==> flow/design.v <==
module alu_arith_rtl #(
    parameter DW = 48
) (
    input  logic clk,
    input  logic nrst,
    input  logic [DW-1:0] a,
    input  logic [DW-1:0] b,
    output logic [DW-1:0] out
);
    logic [DW-1:0] a_s;
    logic [DW-1:0] b_s;
    logic [DW-1:0] out_s;
    always_ff @(posedge clk or negedge nrst) begin
        if (~nrst) begin
            a_s <= '0;
            b_s <= '0;
            out_s <= '0;
        end else begin
            a_s <= a;
            b_s <= b;
            out_s <= (a_s > b_s) ? a_s - b_s : b_s - a_s;
        end
    end
    assign out = out_s;
endmodule
======== From RTL to reports: alu_arith_rtl ========
What the tools print for alu_arith_rtl, step after step.
Line numbers count from 1 in the design file above.
Operators carry their Yosys type and port widths (W data, S select, Z words).
Library cell names are shortened.
The mark n/a stands for no value.
design
  top module .............................. alu_arith_rtl
  clock port .............................. clk
  cell library ............................ sky130hd
  timing corner ........................... tt_025C_1v80

======== Elaborated design ========
Source: Yosys, flattened and elaborated, memories not mapped. Widths are those after wreduce; folded enables and synchronous resets count as part of the registers. Registers that Yosys merges into a memory's read port (data or address) are not register bits. Print and check cells do not count. Equal cells are merged and count once.
word-level totals
  bits in registers ....................... 144
  latch bits .............................. 0
  RAM bits ................................ 0
  memory bits (read-only) ................. 0
  clocked read ports x word width ......... 0
  memories kept ........................... 0
  output and inout port bits .............. 48
cells by class
  add/subtract/negate cells ............... 2
  multipliers ............................. 0
  div/mod/pow operators ................... 0
  order comparisons ....................... 1
  equality and inequality tests ........... 0
  shift-type cells ........................ 0
  muxes and demuxes ....................... 1
  bitwise gates (word level) .............. 0
  reduce/logical cells .................... 0
operators by type and width
  cell              count
  $sub A48 B48 Y48  2
  $gt A48 B48 Y1    1
  $mux W48          1

======== Depth ========
Yosys ltp: most cells in a row. Word level: on the elaborated netlist, between registers, memories and ports. Mapped: between sequential cells and ports; inverters and the memories' decode and read muxes count.
logic depth
  depth after elaboration ................. 2
  ABC_AREA ................................ 0
  gate-level depth with buffers ........... 14
  depth with buffers taken out ............ 13

======== Mapped cells and area ========
Source: synth_stat.txt of the flow (Yosys; design flattened, memories mapped). It holds for the ABC_AREA given above (unset counts as 0); a run with the other value may have another netlist.
cells by type
  type      count  area in all (um^2)
  dfrtp_1   144    3.6E+03
  ha_1      95     1188.64
  a21oi_1   122    610.586
  inv_1     119    446.678
  a21o_1    51     382.867
  o21ai_0   56     280.269
  xnor2_1   32     280.269
  nor2_1    70     262.752
  nand2_1   68     255.245
  o21bai_1  22     165.158
  buf_2     28     140.134
  nand4_1   18     112.608
  o21a_1    14     105.101
  xor2_1    12     105.101
  mux2i_1   10     100.096
  o31ai_1   10     75.072
  a211oi_1  8      60.058
  buf_4     8      60.058
Other cell types: 56; their cells: 160.
mapped netlist
  standard cells after synthesis .......... 1047
  mapped area ............................. 9489.1 um^2
  sequential area ......................... 3603.5 um^2
  flip-flop cells ......................... 144
  buffers ................................. 46

======== Timing after synthesis ========
Source: OpenSTA report_checks on the synthesized netlist (no wires, ideal clock, input and output delay 20% of the period each), path of least setup slack; recovery checks are left aside. Register names are those of the netlist, which keeps one name where synthesis merged equal registers.
path after synthesis
  path kind ............................... register to register
  from .................................... register a_s[0]
  to ...................................... register out_s[46]
  period .................................. 3.83 ns
  arrival time ............................ 2.925 ns
  path slack .............................. 0.767 ns
  path delay .............................. 3.064 ns
  driving pins on the path ................ 14
  synthesis period reached ................ 3.063 ns
"path delay" is the arrival time less input delay plus setup time.
"driving pins on the path" counts driving pins, that of a launching flip-flop among them; a cell with two outputs on the path counts twice.
"synthesis period reached" = period - worst setup slack (recovery checks aside). The figure is calculated, with input and output delays left at 20% of the set period.
The rows between start and end are the longest chain of elaborated cells between them; the timing report does not say that the signal goes this way. Where chains are equally long, one stands for them.
A line is the first line of the expression or statement that the cell stems from. Yosys adds cells for indexed reads and writes and turns some case tables into memories.
on the way, after synthesis
  cells stage by stage .................... dfrtp_1 > inv_1 > ha_1 > fa_1 > nand2b_1 > a21oi_1 > nand4b_1 > o2111ai_1 > o31ai_1 > a31oi_1 > o21a_1 > o211ai_1 > a21oi_1 > or4b_1
  length of the longest elaborated chain .. 2
  elaborated cells on any way between the ends .. 4
RTL lines, path after synthesis
  what                line  RTL
  start: declaration  10    logic [DW-1:0] a_s;
  start: assignment   15    a_s <= '0;
  start: assignment   19    a_s <= a;
  $sub A48 B48 Y48    21    out_s <= (a_s > b_s) ? a_s - b_s : b_s - a_s;
  $mux W48            21
  end: assignment     17    out_s <= '0;
  end: assignment     21
  end: declaration    12    logic [DW-1:0] out_s;

======== Timing after layout ========
From the final timing report of run A: the path of least setup slack in the routed layout; clock arrival at registers is part of the times.
path post-layout
  path kind ............................... register to register
  from .................................... register b_s[21]
  to ...................................... register out_s[46]
  period .................................. 3.83 ns
  arrival time ............................ 3.91 ns
  path slack .............................. 0.22 ns
  driving pins on the path ................ 12
The rows between start and end are the longest chain of elaborated cells between them; the timing report does not say that the signal goes this way. Where chains are equally long, one stands for them.
on the way, post-layout
  cells stage by stage .................... dfrtp_1 > ha_1 > and2_4 > nand3_4 > nor3_4 > nand4_1 > nor4_4 > o2bb2ai_4 > a2111oi_4 > o211ai_2 > nand3_1 > or4b_1
  length of the longest elaborated chain .. 2
  elaborated cells on any way between the ends .. 4
RTL lines, path post-layout
  what                line  RTL
  start: declaration  11    logic [DW-1:0] b_s;
  start: assignment   16    b_s <= '0;
  start: assignment   20    b_s <= b;
  $sub A48 B48 Y48    21    out_s <= (a_s > b_s) ? a_s - b_s : b_s - a_s;
  $mux W48            21
  end: assignment     17    out_s <= '0;
  end: assignment     21
  end: declaration    12    logic [DW-1:0] out_s;

Subject: flow runs of alu_arith_rtl

Hi,

Settings and measured results of 3 stored flow runs for module alu_arith_rtl (sky130hd), not sorted in any way. The constraints put input and output delay at 20% of the set period each and load the outputs with 0.01 pF.
"achieved clock period" is the run's clock period less its worst setup slack. It is reckoned from that one timing run; input and output delays stay at 20% of the period that was set.
"worst setup path time" means the part of the period allowed to the worst setup path (the constraints hold back 20% at inputs and 20% at outputs) less its slack; where the path has registers, the arrival times of their clocks count too.
By "overall power" is meant OpenSTA's value without simulated activity: inputs other than the clock are taken to toggle once in ten clock periods, and the tool carries that through the logic.

---- run A ----
settings
  period_ns = 3.83
  CAP_MARGIN = 20
  CORE_MARGIN = 2
  CORE_UTILIZATION = 40
  SLEW_MARGIN = 20
results
  worst slack on setup checks ............. 0.224 ns
  area of the standard cells in the finished layout .. 11932.7 um^2
  achieved clock period ................... 3.606 ns
  overall power ........................... 5.256 mW
  final design utilization ................ 0.51
  worst setup path time ................... 3.61 ns
  class of the worst setup path ........... register to register
  area inside the die boundary ............ 24970.3 um^2
  summed negative setup slack ............. 0.000 ns
  cell area after synthesis ............... 9489.1 um^2

---- run B ----
settings
  period_ns = 3.26
  CORE_UTILIZATION = 64
  SETUP_SLACK_MARGIN = 0.24
  CELL_PAD_IN_SITES_GLOBAL_PLACEMENT = 2
  ABC_AREA = 1
  GPL_TIMING_DRIVEN = 1
  CTS_CLUSTER_SIZE = 52
  CAP_MARGIN = 20
  MIN_ROUTING_LAYER = met1
  CORE_MARGIN = 2
  SLEW_MARGIN = 20
results
  no final report: placement broke off with GPL-0301

---- run C ----
settings
  period_ns = 3.79
  CORE_UTILIZATION = 32
  SETUP_SLACK_MARGIN = -0.25
  PLACE_DENSITY_LB_ADDON = 0.21
  CORE_ASPECT_RATIO = 1.92
  CELL_PAD_IN_SITES_DETAIL_PLACEMENT = 1
  GPL_TIMING_DRIVEN = 1
  CTS_CLUSTER_SIZE = 48
  CTS_CLUSTER_DIAMETER = 55
  CAP_MARGIN = 20
  CORE_MARGIN = 2
  SLEW_MARGIN = 20
results
  worst slack on setup checks ............. 0.092 ns
  area of the standard cells in the finished layout .. 11990.2 um^2
  achieved clock period ................... 3.698 ns
  overall power ........................... 5.418 mW
  final design utilization ................ 0.409
  worst setup path time ................... 3.70 ns
  class of the worst setup path ........... register to register
  area inside the die boundary ............ 31120.8 um^2
  summed negative setup slack ............. 0.000 ns
  cell area after synthesis ............... 9489.1 um^2

Regards
